==> flow/design.v <==
module mag_cmp_n #(
  parameter WD = 4,
  parameter N = 6
) (
  input  clk,
  input  [N*WD-1:0] din,
  output [WD-1:0] max_o
);
  reg [N*WD-1:0] din_d1;
  reg [WD-1:0] work;
  integer k;
  always @(*) begin
    work = din_d1[WD-1:0];
    for (k = 1; k < N; k = k + 1)
      if (din_d1[k*WD +: WD] > work) work = din_d1[k*WD +: WD];
  end
  assign max_o = work;
  always @(posedge clk)
    din_d1 <= din;
endmodule
# == Step by step through the tools: mag_cmp_n ==
# Tool output for the design above, in the order of the flow.
# Line numbers count from 1 in the design file above.
# Cell names lack the library's common part.
# The mark - stands for no value.
# setup
design,mag_cmp_n
clock_port,clk
lib,sky130hd
corner,tt_025C_1v80

# == Word-level counts ==
# Yosys after proc, flatten, opt, wreduce and memory -nomap, before mapping. Enables and synchronous resets that opt folds into registers are not counted as muxes. Memory bits, and registers merged into a memory's read port (data or address), are not among the register bits. Print and check cells are not counted. Equal cells are merged and count once.
# word_totals
in_bits,25
register_bits,24
wordCells,11
# classes
muxes,5
compare,5
# op_table
cell,n
4-bit greater-than comparator,5
4-bit two-way mux,5

# == Logic depth ==
# Yosys ltp: most cells in a row. Word level: on the elaborated netlist, between registers, memories and ports. Mapped: between sequential cells and ports; inverters and the memories' decode and read muxes count.
# depth
word_depth,10
ABC_AREA,0
depth_mapped,39
mapped_depth_nobuf,39

# == Netlist ==
# Yosys stat after the flow's synthesis: flattened, memories mapped to cells. It holds for the ABC_AREA given above (unset counts as 0); a run with the other value may have another netlist.
# Totals and module areas in this step are rounded.
# by_type
cell,n
dfxtp_1,24
ha_1,16
mux2i_1,8
inv_1,16
nand2_1,14
a21oi_1,9
mux2_2,4
o211ai_1,6
o211ai_2,3
nor2_1,8
a32oi_1,3
nand3_1,5
nor4_4,1
o21ai_0,4
or4b_1,2
nand2b_1,3
nor2b_1,3
a211o_1,2
# Other cell types: 24; their cells: 29.
# synth_totals
seq_area_um2,480
flip_flops,24
buffers,0
yosys_area_um2,1500
mapped_cells,160

# == Timing after synthesis ==
# Source: OpenSTA report_checks on the synthesized netlist (no wires, ideal clock, input and output delay 20% of the period each), path of least setup slack; recovery checks are left aside. Register names are those of the netlist, which keeps one name where synthesis merged equal registers.
# synth_timing
path_kind,register -> output
from,register din_d1[1]
to,output port max_o[3]
path_delay_ns,7.407
arrival_ns,7.407
t_required_ns,9.280
setup_slack_ns,1.873
clock_period_ns,11.6
stages,39
out_delay_ns,2.320
synth_period_reached_ns,9.727
# "path_delay_ns" is the arrival time less input delay plus setup time.
# At an output port there is no setup time.
# "stages" counts driving pins, that of a launching flip-flop among them; a cell with two outputs on the path counts twice.
# "synth_period_reached_ns" is the clock period less the worst setup slack; recovery checks do not enter. This is arithmetic on one report: input and output delays are still those of the set period (20% each).
# Between the ends stands the longest chain of elaborated cells between them, by number of cells; it is not shown to be the way that was timed. Of several equally long chains one is given.
# A line is the first line of the expression or statement that the cell stems from. Yosys adds cells for indexed reads and writes and turns some case tables into memories.
# synth_via
cell_sequence,dfxtp_1 inv_1 ha_1 nor2b_4 o211ai_2 a21oi_1 mux2i_1 ha_1 a21oi_1 a21oi_1 and4_4 nor4_4 mux2i_1 inv_1 ha_1 nand2_1 nor2b_1 a31o_2 [... 3 more ...] o211ai_2 inv_1 ha_1 a21oi_1 a21oi_1 a21oi_1 o21ai_0 a21o_1 nor2_2 mux2i_1 ha_1 nor2b_1 o21ai_0 nand2b_1 a21oi_1 a41oi_1 or4b_1 o211ai_1
elab_chain_len,10
cells_between,10
lines_between,1
# synth_lines
item,line_no,text
start: declaration,9,reg [N*WD-1:0] din_d1;
start: assignment,19,din_d1 <= din;
4-bit greater-than comparator,15,if (din_d1[k*WD +: WD] > work) work = din_d1[k*WD +: WD];
4-bit two-way mux,15,
4-bit greater-than comparator,15,
4-bit two-way mux,15,
4-bit greater-than comparator,15,
4-bit two-way mux,15,
4-bit greater-than comparator,15,
4-bit two-way mux,15,
4-bit greater-than comparator,15,
4-bit two-way mux,15,
end: declaration,7,output [WD-1:0] max_o

# == Path in the finished layout ==
# Path of least setup slack in the final report of stored run 1 (OpenROAD, finished layout, wires in). Where an end is a register, its clock arrival counts in the times.
# layout_timing
path_kind,register -> output
from,register din_d1[1]
to,output port max_o[0]
t_required_ns,8.64
clock_period_ns,10.8
stages,40
arrival_ns,7.26
setup_slack_ns,1.38
out_delay_ns,2.16
# Between the ends stands the longest chain of elaborated cells between them, by number of cells; it is not shown to be the way that was timed. Of several equally long chains one is given.
# layout_via
cell_sequence,dfxtp_2 inv_2 ha_4 nor2b_4 o211ai_4 a21oi_4 mux2i_4 ha_4 a21oi_2 a21oi_2 and4_4 nor4_4 mux2i_1 inv_1 ha_4 nand2_4 nor2b_1 a31o_2 [... 4 more ...] inv_2 ha_4 a21oi_4 a21oi_1 a21oi_1 o21ai_1 a21o_1 nor2_4 mux2i_2 ha_1 nor2b_1 o21ai_1 nand2b_1 a21oi_2 a41oi_4 or4b_4 o311ai_4 buf_2
elab_chain_len,10
cells_between,10
lines_between,1
# layout_lines
item,line_no,text
start: declaration,9,reg [N*WD-1:0] din_d1;
start: assignment,19,din_d1 <= din;
4-bit greater-than comparator,15,if (din_d1[k*WD +: WD] > work) work = din_d1[k*WD +: WD];
4-bit two-way mux,15,
4-bit greater-than comparator,15,
4-bit two-way mux,15,
4-bit greater-than comparator,15,
4-bit two-way mux,15,
4-bit greater-than comparator,15,
4-bit two-way mux,15,
4-bit greater-than comparator,15,
4-bit two-way mux,15,
end: declaration,7,output [WD-1:0] max_o

# Settings and measured results of 3 stored flow runs for module mag_cmp_n (sky130hd), not sorted in any way. The constraints put input and output delay at 20% of the set period each and load the outputs with 0.01 pF.
# "clock_period_reached_ns": clock period set for the run, less the worst setup slack. It is reckoned from that one timing run; input and output delays stay at 20% of the period that was set.
# "worst_setup_path_time_ns" is the time allowed to the run's worst setup path (the clock period less input and output delay, where it has them) less its slack. Clock arrival times count: a late capture clock shortens it, a late launch clock lengthens it.
# "design_power_w" is the tool's figure for a default switching activity; nothing was simulated.
# Measured values are rounded.
# Settings: . = not set for that run.
# Among the results, . means that no value is shown for the run.
run,period_ns,CORE_UTILIZATION,SETUP_SLACK_MARGIN,PLACE_DENSITY_LB_ADDON,HOLD_SLACK_MARGIN,GPL_TIMING_DRIVEN,CTS_CLUSTER_SIZE,CAP_MARGIN,CORE_MARGIN,SLEW_MARGIN,PLACE_DENSITY,CELL_PAD_IN_SITES_GLOBAL_PLACEMENT,GPL_ROUTABILITY_DRIVEN,MAX_ROUTING_LAYER,finalUtil_frac,final_setup_ws_ns,worst_setup_path_time_ns,worst_path_kind,worst_hold_slack_ns,die_footprint_um2,clock_period_reached_ns,finalCellArea_um2,design_power_w,synthArea_um2,final_setup_tns_ns
stored run 1,10.8,35,1.1,0.26,0.28,0,82,0,2,20,.,.,.,.,0.57,1.4,7.26,register -> output,2.3,4800,9.420,2300,0.0005,1500,0.000
stored run 2,11.6,40,.,.,.,.,.,20,2,20,.,.,.,.,0.54,0.72,8.56,register -> output,2.5,4300,10.881,2000,0.00038,1500,0.000
stored run 3,9.04,67,.,.,0.12,1,58,20,3,30,0.79,2,1,met5,.,.,.,.,.,.,.,.,.,.,.
# Stored run 3: no results, placement failed with GPL-0301
